==> flow/design.v <==
module switch #(
    parameter int DWIDTH = 2,
    parameter int LANES = 12,
    parameter int LOGN = $clog2(LANES)
) (
    input logic ck,
    input logic clr,
    input logic valid,
    input logic [LANES*DWIDTH-1:0] val,
    input logic [LOGN-1:0] choose,
    output logic [DWIDTH-1:0] data_out
);
    logic [LANES*DWIDTH-1:0] val_d1;
    logic [LOGN-1:0] choose_d1;
    always_ff @(posedge ck or posedge clr) begin
        if (clr) begin
            val_d1 <= 0;
            choose_d1 <= 0;
        end else if (valid) begin
            val_d1 <= val;
            choose_d1 <= choose;
        end
    end
    logic [DWIDTH-1:0] cur;
    always_comb begin
        cur = 0;
        for (int n = 0; n < LANES; n++)
            if (choose_d1 == n) cur = val_d1[n*DWIDTH +: DWIDTH];
    end
    always_ff @(posedge ck or posedge clr) begin
        if (clr) begin
            data_out <= 0;
        end else if (valid) begin
            data_out <= cur;
        end
    end
endmodule
# Step by step through the tools: switch

Tool output for the design above, in the order of the flow.
Line numbers count from 1 in the design file above.
Operators carry their Yosys type and port widths (W data, S select, Z words).
Library cell names are shortened.
The mark - stands for no value.

Design top: switch
Clock port: ck
Cell library: sky130hd
Corner: tt_025C_1v80

# After elaboration

Source: Yosys, flattened and elaborated, memories not mapped. Widths are those after wreduce; folded enables and synchronous resets count as part of the registers. Registers that Yosys merges into a memory's read port (data or address) are not register bits. Print and check cells do not count. Equal cells are merged and count once.

Equal/unequal tests: 11
Muxes and demuxes: 12
Reductions and logical operators: 1

Operators with widths:

| operator             | count |
| $mux W2              | 12 |
| $eq A4 B3 Y1 const B | 4 |
| $eq A4 B4 Y1 const B | 4 |
| $eq A4 B2 Y1 const B | 2 |
| $eq A4 B1 Y1 const B | 1 |
| $logic_not A4 Y1     | 1 |

Register bits after elaboration: 30
Word-level cells: 27

# Logic depth

Longest topological path by Yosys (ltp), each cell counted once; first at word level (registers and memories cut), then after technology mapping (sequential cells cut; the memories' decode and read muxes count).

Depth in word-level cells: 13
ABC_AREA: 0
Mapped depth: 7

# After synthesis

Source: synth_stat.txt of the flow (Yosys; design flattened, memories mapped). It holds for the ABC_AREA given above (unset counts as 0); a run with the other value may have another netlist.

Chip area (Yosys): 1470.2 µm²
Flip-flop cells: 30
Standard cells after synthesis: 128

Cells by type:

| cell type | count |
| dfrtp_1   | 30 |
| mux2_2    | 26 |
| nand2_1   | 12 |
| mux2i_1   | 4 |
| o21ai_0   | 8 |
| mux2_4    | 2 |
| buf_2     | 5 |
| nand2b_1  | 4 |
| nor2_1    | 6 |
| o32a_1    | 2 |
| inv_1     | 5 |
| a221oi_1  | 2 |
| a31o_1    | 2 |
| a21oi_1   | 3 |
| nand3b_1  | 2 |
| o31ai_1   | 2 |
| a31oi_1   | 2 |
| o22ai_1   | 2 |

Other cell types: 8; their cells: 9.

# Timing after synthesis

Source: OpenSTA report_checks on the synthesized netlist (no wires, ideal clock, input and output delay 20% of the period each), path of least setup slack; recovery checks are left aside. Register names are those of the netlist, which keeps one name where synthesis merged equal registers.

Path type: flip-flop to flip-flop
From: register (name not given)
To: register data_out[0]
Required time: 1.660 ns
Stages on the path: 6
Setup slack: 0.359 ns
Launch time at the first pin: 0.000 ns
Clock period: 1.78 ns
Arrival time: 1.301 ns
Delay of the path: 1.421 ns
Setup time: 0.120 ns
Synthesis period reached: 1.421 ns

"delay of the path" is the arrival time less input delay plus setup time.
"stages on the path": output pins that drive a net of the path, with the launching flip-flop's if there is one; two outputs of one cell count as two.
"synthesis period reached" is the clock period less the worst setup slack; recovery checks do not enter. This is arithmetic on one report: input and output delays are still those of the set period (20% each).
The rows between start and end are the longest chain of elaborated cells between them; the timing report does not say that the signal goes this way. Where chains are equally long, one stands for them.
Each line given opens the expression or statement behind the cell; cells for indexed reads and writes are added by Yosys, which also makes memories of some case tables.

Cell sequence: dfrtp_1 -> buf_6 -> mux2_4 -> a221oi_1 -> o31ai_1 -> a31o_1
Cells in the longest elaborated chain: 13

Ends and longest elaborated chain, after synthesis:

| what                  | RTL line | RTL |
| from (decl)           | 14       |  |
| from (assign)         | 18       |  |
| from (assign)         | 21       |  |
| $logic_not A4 Y1      | 28       |  |
| $mux W2 (12 in a row) | 28       |  |
| to (assign)           | 32       | `data_out <= 0;` |
| to (assign)           | 34       | `data_out <= cur;` |
| to (decl)             | 11       | `output logic [DWIDTH-1:0] data_out` |

# Path in the finished layout

From the final timing report of run B: the path of least setup slack in the routed layout; clock arrival at registers is part of the times.

Path type: flip-flop to flip-flop
From: register (name not given)
To: register data_out[0]
Required time: 1.94 ns
Clock period: 1.78 ns
Arrival time: 1.70 ns
Setup slack: 0.24 ns
Launch time at the first pin: 0.27 ns
Stages on the path: 5
Setup time: 0.11 ns

The rows between start and end are the longest chain of elaborated cells between them; the timing report does not say that the signal goes this way. Where chains are equally long, one stands for them.

Cell sequence: dfrtp_1 -> mux2_4 -> a221oi_1 -> o31ai_1 -> a31o_1
Cells in the longest elaborated chain: 13

Ends and longest elaborated chain, post-layout:

| what                  | RTL line | RTL |
| from (decl)           | 14       |  |
| from (assign)         | 18       |  |
| from (assign)         | 21       |  |
| $logic_not A4 Y1      | 28       |  |
| $mux W2 (12 in a row) | 28       |  |
| to (assign)           | 32       | `data_out <= 0;` |
| to (assign)           | 34       | `data_out <= cur;` |
| to (decl)             | 11       | `output logic [DWIDTH-1:0] data_out` |

Memo
Re: implementation data of switch

3 stored runs of switch in the flow (synthesis by Yosys, layout by OpenROAD, sky130hd cells), in arbitrary order. Constraints: input delay and output delay 20% of the set period each, output load 0.01 pF.
"clock period achieved": clock period set for the run, less the worst setup slack. It is reckoned from that one timing run; input and output delays stay at 20% of the period that was set.
"time used up by the worst setup path" means the part of the period allowed to the worst setup path (the constraints hold back 20% at inputs and 20% at outputs) less its slack; where the path has registers, the arrival times of their clocks count too.
By "total power of the final layout" is meant OpenSTA's value without simulated activity: inputs other than the clock are taken to toggle once in ten clock periods, and the tool carries that through the logic.
Among the settings, -- means not set for that run.
Results: -- = not shown.

| setting or result                         | run A | run B                  | run C |
| period_ns                                 | 1.08  | 1.78                   | 2.31  |
| CORE_UTILIZATION                          | 61    | 40                     | 68    |
| PLACE_DENSITY                             | 0.47  | --                     | --    |
| HOLD_SLACK_MARGIN                         | 0.02  | --                     | --    |
| CORE_MARGIN                               | 10    | 2                      | 6     |
| CELL_PAD_IN_SITES_GLOBAL_PLACEMENT        | 3     | --                     | 3     |
| CELL_PAD_IN_SITES_DETAIL_PLACEMENT        | 1     | --                     | 2     |
| CTS_CLUSTER_DIAMETER                      | 369   | --                     | --    |
| CAP_MARGIN                                | 20    | 20                     | 10    |
| SLEW_MARGIN                               | 20    | 20                     | 0     |
| SETUP_SLACK_MARGIN                        | --    | --                     | -0.23 |
| PLACE_DENSITY_LB_ADDON                    | --    | --                     | 0.23  |
| CORE_ASPECT_RATIO                         | --    | --                     | 0.98  |
| ABC_AREA                                  | --    | --                     | 0     |
| CTS_CLUSTER_SIZE                          | --    | --                     | 94    |
| MIN_ROUTING_LAYER                         | --    | --                     | met2  |
| mapped cell area after synthesis (µm²)    | --    | 1470.2                 | --    |
| full die area (µm²)                       | --    | 4176.4                 | --    |
| std-cell area (final layout) (µm²)        | --    | 1913.1                 | --    |
| post-layout utilization (%)               | --    | 53.1                   | --    |
| setup slack of the worst path (ns)        | --    | 0.239                  | --    |
| summed negative setup slack (ns)          | --    | 0.000                  | --    |
| total power of the final layout (mW)      | --    | 1.637                  | --    |
| clock period achieved (ns)                | --    | 1.541                  | --    |
| time used up by the worst setup path (ns) | --    | 1.54                   | --    |
| worst setup path kind                     | --    | flip-flop to flip-flop | --    |

Run A: unfinished; error GPL-0301 in placement
Run C: unfinished; error FLW-0024 in placement
